==> flow/design.v <==
module my_multiplier #(
    parameter integer DWIDTH = 9
) (
    input  wire clk,
    input  wire RST,
    input  wire [DWIDTH-1:0] arg0,
    input  wire [DWIDTH-1:0] arg1,
    output reg [2*DWIDTH-1:0] p
);
    reg [2*DWIDTH-1:0] nxt;
    integer n;
    always @(*) begin
        nxt = 0;
        for (n = 0; n < DWIDTH; n = n + 1)
            if (arg1[n]) nxt = nxt + (arg0 << n);
    end
    always @(posedge clk or posedge RST) begin
        if (RST) begin
            p <= 0;
        end else begin
            p <= nxt;
        end
    end
endmodule
[From RTL to reports: my_multiplier]
What the tools print for my_multiplier, step after step.
Lines are those of the file above, counted from 1.
Operators: Yosys type, input widths -> output width; for muxes data width and select width s.
Library cell names are shortened.
The mark - stands for no value.
Set-up
  design top: my_multiplier
  clock input: clk
  standard-cell library: sky130hd
  corner: tt_025C_1v80

[After elaboration]
Counts by Yosys on the flattened word-level netlist (proc, flatten, opt, wreduce; memories kept). Register bits leave out memories and registers merged into their read ports (data or address); mux counts leave out enables and synchronous resets folded into registers. Print and check cells are left out. Cells with the same type and inputs are merged into one.
Cells by class
  $add $sub $neg: 8
  muxes and demuxes: 9
Operators with widths (number)
  $mux 18: 8
  $add 18x10->18: 1
  $add 18x11->18: 1
  $add 18x12->18: 1
  $add 18x13->18: 1
  $add 18x14->18: 1
  $add 18x15->18: 1
  $add 18x16->18: 1
  $add 18x17->18: 1
  $mux 9: 1
Word-level totals
  flip-flop bits (word level): 18
  input port bits: 20
  output and inout bits: 18
  word-level cells: 18

[Depth]
Longest topological path by Yosys (ltp), each cell counted once; first at word level (registers and memories cut), then after technology mapping (sequential cells cut; the memories' decode and read muxes count).
Depth
  depth after elaboration: 17
  ABC_AREA: 0
  depth in mapped cells: 54

[After synthesis]
Source: synth_stat.txt of the flow (Yosys; design flattened, memories mapped). It holds for the ABC_AREA given above (unset counts as 0); a run with the other value may have another netlist.
Mapped netlist
  cells in the netlist: 555
  cell area after synthesis: 4486.8 µm²
  area of sequential cells: 450.4 µm²
  flip-flop cells: 18
  buffers: 16
Cell types (number)
  ha_1: 77
  dfrtp_1: 18
  xnor2_1: 33
  mux2_2: 23
  a21oi_1: 40
  a21o_1: 24
  nand2_1: 45
  fa_1: 8
  nor2_1: 42
  o21ai_0: 28
  xor2_1: 14
  inv_1: 31
  nor2b_1: 14
  o21a_1: 10
  o31a_1: 7
  and2_1: 9
  nand2b_1: 9
  a211oi_1: 7
Not listed: further types 47, cells in them 116.

[Timing after synthesis]
OpenSTA on the mapped netlist: ideal clock, no wires. The path of least setup slack (recovery checks aside). Input and output delay are each 20% of the period. Register names are those of the netlist, which keeps one name where synthesis merged equal registers.
Timing path post-synthesis
  kind: in2reg
  start: in arg1[0]
  end: reg p[15]
  period: 14.5 ns
  input delay: 2.900 ns
  library setup time: 0.126 ns
  time at the first pin: 2.900 ns
  arrival: 12.069 ns
  setup slack: 2.305 ns
  path delay: 9.295 ns
  stages: 53
  path buffers: 1
  period reached after synthesis: 12.195 ns
"path delay" = arrival - input delay + setup time.
"stages": output pins that drive a net of the path, with the launching flip-flop's if there is one; two outputs of one cell count as two.
"period reached after synthesis" = period - worst setup slack (recovery checks aside). The figure is calculated, with input and output delays left at 20% of the set period.
The rows between start and end are the longest chain of elaborated cells between them; the timing report does not say that the signal goes this way. Where chains are equally long, one stands for them.
Each line given opens the expression or statement behind the cell; cells for indexed reads and writes are added by Yosys, which also makes memories of some case tables.
On the way, post-synthesis
  cells stage by stage: buf_2 -> and2_1 -> ha_1 -> fa_1 -> o2111ai_1 -> nand2_1 -> xor2_1 -> mux2_2 -> ha_1 -> o21a_1 -> or3_1 -> nand3_1 -> o311ai_1 -> ha_1 -> o21ai_0 -> o21bai_1 -> a21oi_1 -> xor2_1 -> [17 not listed] -> xnor2_1 -> nor2_1 -> a221oi_2 -> inv_1 -> ha_1 -> nand2_1 -> o21ai_0 -> xnor2_1 -> nand2_1 -> o311a_1 -> ha_1 -> a21oi_1 -> o21ai_0 -> a21o_1 -> a21oi_1 -> nor2b_1 -> nor3b_1 -> a221o_1
  length of the longest elaborated chain: 17
Ends and longest elaborated chain, post-synthesis
  from (decl): RTL line 7  | input  wire [DWIDTH-1:0] arg1,
  $mux 9: RTL line 15  | if (arg1[n]) nxt = nxt + (arg0 << n);
  $add 18x10->18: RTL line 15
  $mux 18: RTL line 15
  $add 18x11->18: RTL line 15
  $mux 18: RTL line 15
  $add 18x12->18: RTL line 15
  $mux 18: RTL line 15
  [3 not listed]
  $mux 18: RTL line 15
  $add 18x15->18: RTL line 15
  $mux 18: RTL line 15
  $add 18x16->18: RTL line 15
  $mux 18: RTL line 15
  $add 18x17->18: RTL line 15
  $mux 18: RTL line 15
  to (assign): RTL line 19  | p <= 0;
  to (assign): RTL line 21  | p <= nxt;
  to (decl): RTL line 8  | output reg [2*DWIDTH-1:0] p

[Timing after layout]
From the final timing report of run 1: the path of least setup slack in the routed layout; clock arrival at registers is part of the times.
Timing path post-layout
  kind: in2reg
  start: in arg1[0]
  end: reg p[16]
  period: 12.8 ns
  input delay: 2.56 ns
  library setup time: 0.12 ns
  time at the first pin: 2.56 ns
  arrival: 11.93 ns
  setup slack: 1.00 ns
  stages: 55
  path buffers: 9
The rows between start and end are the longest chain of elaborated cells between them; the timing report does not say that the signal goes this way. Where chains are equally long, one stands for them.
On the way, post-layout
  cells stage by stage: buf_8 -> and2_4 -> ha_4 -> fa_2 -> o2111ai_2 -> nand2_1 -> xor2_1 -> mux2_4 -> ha_4 -> o21a_4 -> or3_4 -> nand3_4 -> o311ai_4 -> ha_1 -> o21ai_2 -> o21bai_1 -> a21oi_2 -> xor2_1 -> [19 not listed] -> a221oi_2 -> buf_4 -> buf_4 -> buf_4 -> buf_4 -> buf_4 -> buf_4 -> buf_4 -> buf_6 -> a21oi_2 -> ha_1 -> a21o_1 -> a21o_1 -> a21oi_2 -> o21bai_1 -> a21oi_2 -> xnor2_1 -> mux2_4
  length of the longest elaborated chain: 17
Ends and longest elaborated chain, post-layout
  from (decl): RTL line 7  | input  wire [DWIDTH-1:0] arg1,
  $mux 9: RTL line 15  | if (arg1[n]) nxt = nxt + (arg0 << n);
  $add 18x10->18: RTL line 15
  $mux 18: RTL line 15
  $add 18x11->18: RTL line 15
  $mux 18: RTL line 15
  $add 18x12->18: RTL line 15
  $mux 18: RTL line 15
  [3 not listed]
  $mux 18: RTL line 15
  $add 18x15->18: RTL line 15
  $mux 18: RTL line 15
  $add 18x16->18: RTL line 15
  $mux 18: RTL line 15
  $add 18x17->18: RTL line 15
  $mux 18: RTL line 15
  to (assign): RTL line 19  | p <= 0;
  to (assign): RTL line 21  | p <= nxt;
  to (decl): RTL line 8  | output reg [2*DWIDTH-1:0] p

Memo
Re: implementation data of my_multiplier

Top module my_multiplier; platform sky130hd; tools Yosys and OpenROAD; 3 stored runs in no particular order. Input and output delays are each 20% of the period that was set; the output load is 0.01 pF.
"achieved period" = clock period - worst setup slack. The figure is calculated, with input and output delays left at 20% of the set period.
"allowed time less slack (worst setup path)": the worst setup path's part of the clock period (all of it between registers, 20% less for each end at a port) less its slack. A launch clock that arrives late makes it longer, a capture clock that arrives late makes it shorter.
By "total power of the final layout" is meant OpenSTA's value without simulated activity: inputs other than the clock are taken to toggle once in ten clock periods, and the tool carries that through the logic.

==> run 1: settings <==
{ "period_ns": 12.8, "CORE_UTILIZATION": 26, "SETUP_SLACK_MARGIN": 1.72, "PLACE_DENSITY_LB_ADDON": 0.07, "CORE_ASPECT_RATIO": 0.88, "CORE_MARGIN": 10, "CELL_PAD_IN_SITES_GLOBAL_PLACEMENT": 1, "GPL_ROUTABILITY_DRIVEN": 1, "CAP_MARGIN": 25, "SLEW_MARGIN": 35 }
==> run 1: results <==
chip area after synthesis (Yosys): 4486.8 µm²
die area: 22921.8 µm²
standard-cell area after layout: 6608.8 µm²
post-layout utilization: 0.395
worst setup slack after layout: 1.002 ns
total negative slack: 0.000 ns
total power of the final layout: 0.001507 W
achieved period: 11.798 ns
allowed time less slack (worst setup path): 9.24 ns
critical path kind: in2reg

==> run 2: settings <==
{ "period_ns": 7.24, "CORE_UTILIZATION": 40, "CORE_ASPECT_RATIO": 1.0, "CELL_PAD_IN_SITES_GLOBAL_PLACEMENT": 1, "TNS_END_PERCENT": 80, "CTS_CLUSTER_SIZE": 92, "CAP_MARGIN": 15, "SLEW_MARGIN": 30, "MIN_ROUTING_LAYER": "met2", "MAX_ROUTING_LAYER": "met4", "CORE_MARGIN": 2 }
==> run 2: results <==
chip area after synthesis (Yosys): 4486.8 µm²
die area: 12080.2 µm²
standard-cell area after layout: 7841.3 µm²
post-layout utilization: 0.72
worst setup slack after layout: -3.497 ns
total negative slack: -29.947 ns
total power of the final layout: 0.003525 W
achieved period: 10.737 ns
allowed time less slack (worst setup path): 9.29 ns
critical path kind: in2reg

==> run 3: settings <==
{ "period_ns": 14.5, "CAP_MARGIN": 20, "CORE_MARGIN": 2, "CORE_UTILIZATION": 40, "SLEW_MARGIN": 20 }
==> run 3: results <==
chip area after synthesis (Yosys): 4486.8 µm²
die area: 12080.2 µm²
standard-cell area after layout: 5042.3 µm²
post-layout utilization: 0.463
worst setup slack after layout: 1.022 ns
total negative slack: 0.000 ns
total power of the final layout: 0.0009128 W
achieved period: 13.478 ns
allowed time less slack (worst setup path): 10.58 ns
critical path kind: in2reg
